==> flow/design.v <==
module ex_cmp #(
   parameter int XLEN = 8
) (
   input logic clk,
   input logic [XLEN-1:0] first,
   input logic [XLEN-1:0] second,
   input logic [XLEN-1:0] third,
   output logic [XLEN-1:0] dout
);
   logic [XLEN-1:0] first_r;
   always_ff @(posedge clk)
      first_r <= first;
   logic [XLEN-1:0] second_r;
   always_ff @(posedge clk)
      second_r <= second;
   logic [XLEN-1:0] third_r;
   always_ff @(posedge clk)
      third_r <= third;
   assign dout = (first_r < second_r) ? second_r : (first_r > third_r) ? third_r : first_r;
endmodule
Step by step through the tools: ex_cmp:

What the tools print for ex_cmp, step after step.
Line numbers count from 1 in the design file above.
Operators: Yosys type, input widths -> output width; for muxes data width and select width s.
Library cell names are shortened.
Not given: --

* design top: ex_cmp
* clock input: clk
* standard-cell library: sky130hd
* timing corner: tt_025C_1v80

Word-level counts:

Counts by Yosys on the flattened word-level netlist (proc, flatten, opt, wreduce; memories kept). Register bits leave out memories and registers merged into their read ports (data or address); mux counts leave out enables and synchronous resets folded into registers. Print and check cells are left out. Cells with the same type and inputs are merged into one.

* cells after elaboration: 7
* register bits after elaboration: 24

* multiplexer cells: 2
* magnitude comparators: 2

Operators by type and width (count)
* $mux 8: 2
* $gt 8x8->1: 1
* $lt 8x8->1: 1

Longest topological paths:

Yosys ltp: most cells in a row. Word level: on the elaborated netlist, between registers, memories and ports. Mapped: between sequential cells and ports; inverters and the memories' decode and read muxes count.

* word-level depth: 3
* ABC_AREA: 0
* depth in mapped cells: 9
* gate-level depth less buffers: 7

After synthesis:

The flow's flattened synthesis, as Yosys stat reports it; memories are mapped. The netlist is that of the ABC_AREA named above (0 if unset); the other value can give another one.
The area totals of this step are shown rounded.

Cell types
* dfxtp_1: count 24, total area 480.461 um^2
* ha_1: count 15, total area 187.68 um^2
* nand3_1: count 12, total area 60.058 um^2
* inv_1: count 15, total area 56.304 um^2
* a21oi_1: count 11, total area 55.053 um^2
* a311oi_1: count 6, total area 52.55 um^2
* a22oi_1: count 6, total area 45.043 um^2
* a2111oi_4: count 1, total area 27.526 um^2
* buf_6: count 2, total area 22.522 um^2
* nand4_4: count 1, total area 21.27 um^2
* nand2_8: count 1, total area 20.019 um^2
* o31a_1: count 2, total area 17.517 um^2
* a21o_1: count 2, total area 15.014 um^2
* buf_4: count 2, total area 15.014 um^2
* nand2_1: count 4, total area 15.014 um^2
* nand2b_4: count 1, total area 13.763 um^2
* and3_1: count 2, total area 12.512 um^2
* o211ai_2: count 1, total area 12.512 um^2

Other cell types: 11; their cells: 11.

* sequential part of the area: 480 um^2
* mapped flip-flops: 24
* mapped area: 1210 um^2
* mapped cells: 119

Path before layout:

Path of least setup slack by OpenSTA after synthesis, without wires, with an ideal clock, recovery checks aside; 20% of the period is set as input and as output delay. Where synthesis merged equal registers, the netlist keeps one of their names.

* path type: reg2out
* from: register third_r[5]
* to: output dout[0]
* launch time at the first pin: 0.000 ns
* path buffers: 2
* arrival: 1.741 ns
* external output delay: 0.544 ns
* required time: 2.176 ns
* clock period: 2.72 ns
* stages on the path: 10
* setup slack: 0.435 ns
* path delay: 1.741 ns
* period reached after synthesis: 2.285 ns

"path delay" = arrival - input delay + setup time.
At an output port there is no setup time.
"stages on the path" counts driving pins, that of a launching flip-flop among them; a cell with two outputs on the path counts twice.
"period reached after synthesis" = period - worst setup slack (recovery checks aside). The figure is calculated, with input and output delays left at 20% of the set period.
Between the ends stands the longest chain of elaborated cells between them, by number of cells; it is not shown to be the way that was timed. Of several equally long chains one is given.
A line is the first line of the expression or statement that the cell stems from. Yosys adds cells for indexed reads and writes and turns some case tables into memories.

* cells stage by stage: dfxtp_1 > inv_1 > ha_1 > and4_1 > buf_4 > nand2_1 > a21o_1 > buf_6 > and3_1 > o31a_1
* length of the longest elaborated chain: 3

RTL lines, path after synthesis
* start, declared: RTL line 16 `logic [XLEN-1:0] third_r;`
* start, assigned: RTL line 18 `third_r <= third;`
* $gt 8x8->1: RTL line 19 `assign dout = (first_r < second_r) ? second_r : (first_r > third_r) ? third_r : first_r;`
* $mux 8 x2: RTL line 19
* end, declared: RTL line 8 `output logic [XLEN-1:0] dout`

Path in the finished layout:

Path of least setup slack in the final report of stored run 2 (OpenROAD, finished layout, wires in). Where an end is a register, its clock arrival counts in the times.

* path type: reg2out
* from: register third_r[3]
* to: output dout[3]
* path buffers: 2
* stages on the path: 9
* arrival: 2.16 ns
* setup slack: 0.02 ns
* launch time at the first pin: 0.32 ns
* clock period: 2.72 ns
* external output delay: 0.54 ns
* required time: 2.18 ns

Between the ends stands the longest chain of elaborated cells between them, by number of cells; it is not shown to be the way that was timed. Of several equally long chains one is given.

* cells stage by stage: dfxtp_2 > inv_2 > ha_4 > nand4_4 > or3_4 > buf_6 > a311oi_2 > a22oi_1 > buf_2
* length of the longest elaborated chain: 3

RTL lines, path post-layout
* start, declared: RTL line 16 `logic [XLEN-1:0] third_r;`
* start, assigned: RTL line 18 `third_r <= third;`
* $gt 8x8->1: RTL line 19 `assign dout = (first_r < second_r) ? second_r : (first_r > third_r) ? third_r : first_r;`
* $mux 8 x2: RTL line 19
* end, declared: RTL line 8 `output logic [XLEN-1:0] dout`

Subject: ex_cmp on sky130hd, stored results

Hello all,

Design ex_cmp on sky130hd. What follows are 3 stored runs of the flow, each under its own settings; their order means nothing. The constraints put input and output delay at 20% of the set period each and load the outputs with 0.01 pF.
"reached clock period" means the clock period less the worst setup slack. The figure is calculated, with input and output delays left at 20% of the set period.
"time used up by the worst setup path" means the part of the period allowed to the worst setup path (the constraints hold back 20% at inputs and 20% at outputs) less its slack; where the path has registers, the arrival times of their clocks count too.
"power consumption" rests on the timing tool's default activity at the inputs, not on a simulated workload.
The measured numbers are rounded.

### Stored run 1

Settings: `period_ns=2.37`, `CORE_UTILIZATION=50`, `SETUP_SLACK_MARGIN=0.33`, `PLACE_DENSITY_LB_ADDON=0.29`, `CELL_PAD_IN_SITES_GLOBAL_PLACEMENT=2`, `CELL_PAD_IN_SITES_DETAIL_PLACEMENT=0`, `TNS_END_PERCENT=25`, `CTS_CLUSTER_SIZE=14`, `CAP_MARGIN=40`, `MIN_ROUTING_LAYER=met1`, `CORE_MARGIN=2`, `SLEW_MARGIN=20`

Unfinished; error FLW-0024 in placement.

### Stored run 2

Settings: `period_ns=2.72`, `CAP_MARGIN=20`, `CORE_MARGIN=2`, `CORE_UTILIZATION=40`, `SLEW_MARGIN=20`

- Synthesized cell area: 1210 um^2
- Total die area: 3490 um^2
- Area of the standard cells in the finished layout: 2110 um^2
- Utilization: 74.7 %
- Smallest setup slack: 0.017 ns
- Final setup TNS: 0.000 ns
- Worst-case hold slack: 0.642 ns
- Power consumption: 954 uW
- Reached clock period: 2.703 ns
- Time used up by the worst setup path: 2.16 ns
- Class of the worst setup path: reg2out

### Stored run 3

Settings: `period_ns=1.94`, `CORE_UTILIZATION=51`, `PLACE_DENSITY_LB_ADDON=0.12`, `CELL_PAD_IN_SITES_DETAIL_PLACEMENT=2`, `GPL_TIMING_DRIVEN=0`, `GPL_ROUTABILITY_DRIVEN=1`, `MAX_ROUTING_LAYER=met5`, `CAP_MARGIN=20`, `CORE_MARGIN=2`, `SLEW_MARGIN=20`

Unfinished; error DPL-0033 in placement.

Thanks
